==> flow/design.v <==
module mul_core_rtl #(
   parameter WIDTH = 5
) (
   input  wire clk,
   input  wire rst_i,
   input  wire [WIDTH-1:0] A,
   output reg [2*WIDTH-1:0] p
);
   reg [WIDTH-1:0] A_q;
   always @(posedge clk) begin
      if (rst_i) begin
         A_q <= 0;
         p <= 0;
      end else begin
         A_q <= A;
         p <= A_q * A_q;
      end
   end
endmodule
Wiki page: mul_core_rtl / tool data

== Reports on mul_core_rtl ==
Module mul_core_rtl in several versions that differ in "WIDTH"; each step lists the members.
The RTL above is that of WIDTH 5; lines are counted from 1 in the file of the member named.
Library cell names are shortened.
Not given: --
Inputs
  top: mul_core_rtl
  clock input: clk
  standard-cell library: sky130hd
  corner: tt_025C_1v80

== Source of the members ==
New or changed lines of each further member against the RTL above, in its own file; lines it lacks are not shown.
New or changed lines
  WIDTH 6: line 2  | parameter WIDTH = 6
  WIDTH 14: line 2  | parameter WIDTH = 14

== Word-level counts ==
Yosys after proc, flatten, opt, wreduce and memory -nomap, before mapping. Enables and synchronous resets that opt folds into registers are not counted as muxes. Memory bits, and registers merged into a memory's read port (data or address), are not among the register bits. Print and check cells are not counted. Equal cells are merged and count once.
Word-level totals
  WIDTH 5: flip-flop bits (word level) 15, output and inout bits 10
  WIDTH 6: flip-flop bits (word level) 18, output and inout bits 12
  WIDTH 14: flip-flop bits (word level) 42, output and inout bits 28
Operators by class (multiply operators)
  WIDTH 5: 1
  WIDTH 6: 1
  WIDTH 14: 1
Operator list (kinds with counts)
  WIDTH 5: 1 x multiplier 5 x 5 -> 10 bit
  WIDTH 6: 1 x multiplier 6 x 6 -> 12 bit
  WIDTH 14: 1 x multiplier 14 x 14 -> 28 bit

== Logic depth ==
Yosys ltp: most cells in a row. Word level: on the elaborated netlist, between registers, memories and ports. Mapped: between sequential cells and ports; inverters and the memories' decode and read muxes count.
Logic depth
  WIDTH 5: depth in word-level cells 1, ABC_AREA 0, depth in mapped cells 12
  WIDTH 6: depth in word-level cells 1, ABC_AREA 0, depth in mapped cells 13
  WIDTH 14: depth in word-level cells 1, ABC_AREA 0, depth in mapped cells 22

== Netlist ==
Source: synth_stat.txt of the flow (Yosys; design flattened, memories mapped). It holds for the ABC_AREA given above (unset counts as 0); a run with the other value may have another netlist.
The area totals of this step are shown rounded.
Cell types (type and count)
  WIDTH 5: 14 x dfxtp_1; 10 x ha_1; 10 x nor2b_1; 3 x fa_1; 9 x nand2_1; 8 x nor2_1; 4 x and2_1; 6 x inv_1; 3 x nor3b_1; 4 x a21oi_1; 2 x xnor2_1; 2 x a211oi_1; 2 x and2_2; 3 x o21ai_0; 1 x nand4_2; 1 x o211ai_2; 1 x buf_6; 1 x mux2_1; [+14]
  WIDTH 6: 17 x dfxtp_1; 13 x ha_1; 8 x fa_1; 19 x inv_1; 11 x nor2b_1; 10 x and2_1; 4 x xnor2_1; 8 x nor2_1; 6 x nand2_1; 3 x o21a_1; 4 x a21oi_1; 4 x nor3_1; 2 x xor2_1; 2 x a21o_1; 1 x a221oi_2; 3 x clkbuf_1; 3 x inv_2; 1 x mux2_1; [+10]
  WIDTH 14: 114 x fa_1; 91 x ha_1; 41 x dfxtp_1; 177 x inv_1; 75 x nand2_1; 30 x and2_1; 17 x xnor2_1; 23 x nor2b_1; 24 x a21oi_1; 30 x nor2_1; 13 x a21o_1; 23 x clkbuf_1; 9 x xor2_1; 10 x o21ai_0; 6 x a21boi_0; 6 x o21a_1; 8 x nor3_1; 3 x mux2_2; [+73]
The mark [+n] counts cells that are not listed.
Synthesis totals
  WIDTH 5: standard cells after synthesis 98, mapped area 893.4 um^2, flip-flop cells 14
  WIDTH 6: standard cells after synthesis 129, mapped area 1166 um^2, flip-flop cells 17
  WIDTH 14: standard cells after synthesis 773, mapped area 6962 um^2, flip-flop cells 41

== Worst setup path after synthesis ==
OpenSTA on the mapped netlist: ideal clock, no wires. The path of least setup slack (recovery checks aside). Input and output delay are each 20% of the period. Register names are those of the netlist, which keeps one name where synthesis merged equal registers.
Timing post-synthesis
  WIDTH 5: path kind register -> register, start point reg A_q[0], end point reg p[7], period 3.69 ns, slack 0.742 ns, stages 12, delay of the path 2.948 ns, period reached after synthesis 2.948 ns
  WIDTH 6: path kind register -> register, start point reg A_q[0], end point reg p[11], period 4.23 ns, slack 0.842 ns, stages 12, delay of the path 3.388 ns, period reached after synthesis 3.388 ns
  WIDTH 14: path kind register -> register, start point reg A_q[5], end point reg p[26], period 7.14 ns, slack 1.427 ns, stages 20, delay of the path 5.713 ns, period reached after synthesis 5.713 ns
"delay of the path" = arrival - input delay + setup time.
"stages": output pins that drive a net of the path, with the launching flip-flop's if there is one; two outputs of one cell count as two.
"period reached after synthesis" = period - worst setup slack (recovery checks aside). The figure is calculated, with input and output delays left at 20% of the set period.
Between the ends stands the longest chain of elaborated cells between them, by number of cells; it is not shown to be the way that was timed. Of several equally long chains one is given.
Each line given opens the expression or statement behind the cell; cells for indexed reads and writes are added by Yosys, which also makes memories of some case tables.
Between the ends, post-synthesis, WIDTH 5
  cells in the longest elaborated chain: 1
RTL lines, path post-synthesis, WIDTH 5
  start: declaration: line 9  | reg [WIDTH-1:0] A_q;
  start: assignment: line 12  | A_q <= 0;
  start: assignment: line 15  | A_q <= A;
  multiplier 5 x 5 -> 10 bit: line 16  | p <= A_q * A_q;
  end: assignment: line 13  | p <= 0;
  end: assignment: line 16
  end: declaration: line 7  | output reg [2*WIDTH-1:0] p
Between the ends, post-synthesis, WIDTH 14
  cells in the longest elaborated chain: 1
RTL lines, path post-synthesis, WIDTH 14
  start: declaration: line 9  | reg [WIDTH-1:0] A_q;
  start: assignment: line 12  | A_q <= 0;
  start: assignment: line 15  | A_q <= A;
  multiplier 14 x 14 -> 28 bit: line 16  | p <= A_q * A_q;
  end: assignment: line 13  | p <= 0;
  end: assignment: line 16
  end: declaration: line 7  | output reg [2*WIDTH-1:0] p

== Timing after layout ==
Path of least setup slack in the final report of the run of each member (OpenROAD, finished layout, wires in). Where an end is a register, its clock arrival counts in the times.
Timing post-layout
  WIDTH 5: path kind register -> register, start point reg A_q[0], end point reg p[7], period 3.69 ns, slack 0.59 ns, stages 11, data arrival time 3.27 ns
  WIDTH 6: path kind register -> register, start point reg A_q[0], end point reg p[11], period 4.23 ns, slack 0.55 ns, stages 12, data arrival time 3.87 ns
  WIDTH 14: path kind register -> register, start point reg A_q[5], end point reg p[18], period 7.14 ns, slack 0.99 ns, stages 19, data arrival time 6.33 ns

== Layout results ==
One run of the flow (Yosys, OpenROAD) for each member, with settings and measured results. Input and output delays are each 20% of the period that was set; the output load is 0.01 pF.
Flow settings
  CAP_MARGIN: 20
  CORE_MARGIN: 2
  CORE_UTILIZATION: 40
  SLEW_MARGIN: 20
Settings that differ (period_ns)
  WIDTH 5: 3.69
  WIDTH 6: 4.23
  WIDTH 14: 7.14
Final reports
  WIDTH 5: Yosys chip area after synthesis 893.4 um^2, die size 2628 um^2, standard-cell area after layout 1087 um^2, utilization of the finished layout 0.501, worst setup slack after layout 0.587 ns, smallest hold slack 0.591 ns, power consumption 322.2 µW, period achieved 3.103 ns
  WIDTH 6: Yosys chip area after synthesis 1166 um^2, die size 3363 um^2, standard-cell area after layout 1394 um^2, utilization of the finished layout 0.505, worst setup slack after layout 0.551 ns, smallest hold slack 0.549 ns, power consumption 348.6 µW, period achieved 3.679 ns
  WIDTH 14: Yosys chip area after synthesis 6962 um^2, die size 18480 um^2, standard-cell area after layout 7730 um^2, utilization of the finished layout 0.45, worst setup slack after layout 0.988 ns, smallest hold slack 0.747 ns, power consumption 1282 µW, period achieved 6.152 ns
"period achieved": clock period set for the run, less the worst setup slack. It is reckoned from that one timing run; input and output delays stay at 20% of the period that was set.
"power consumption" rests on the timing tool's default activity at the inputs, not on a simulated workload.
The results are shown rounded.
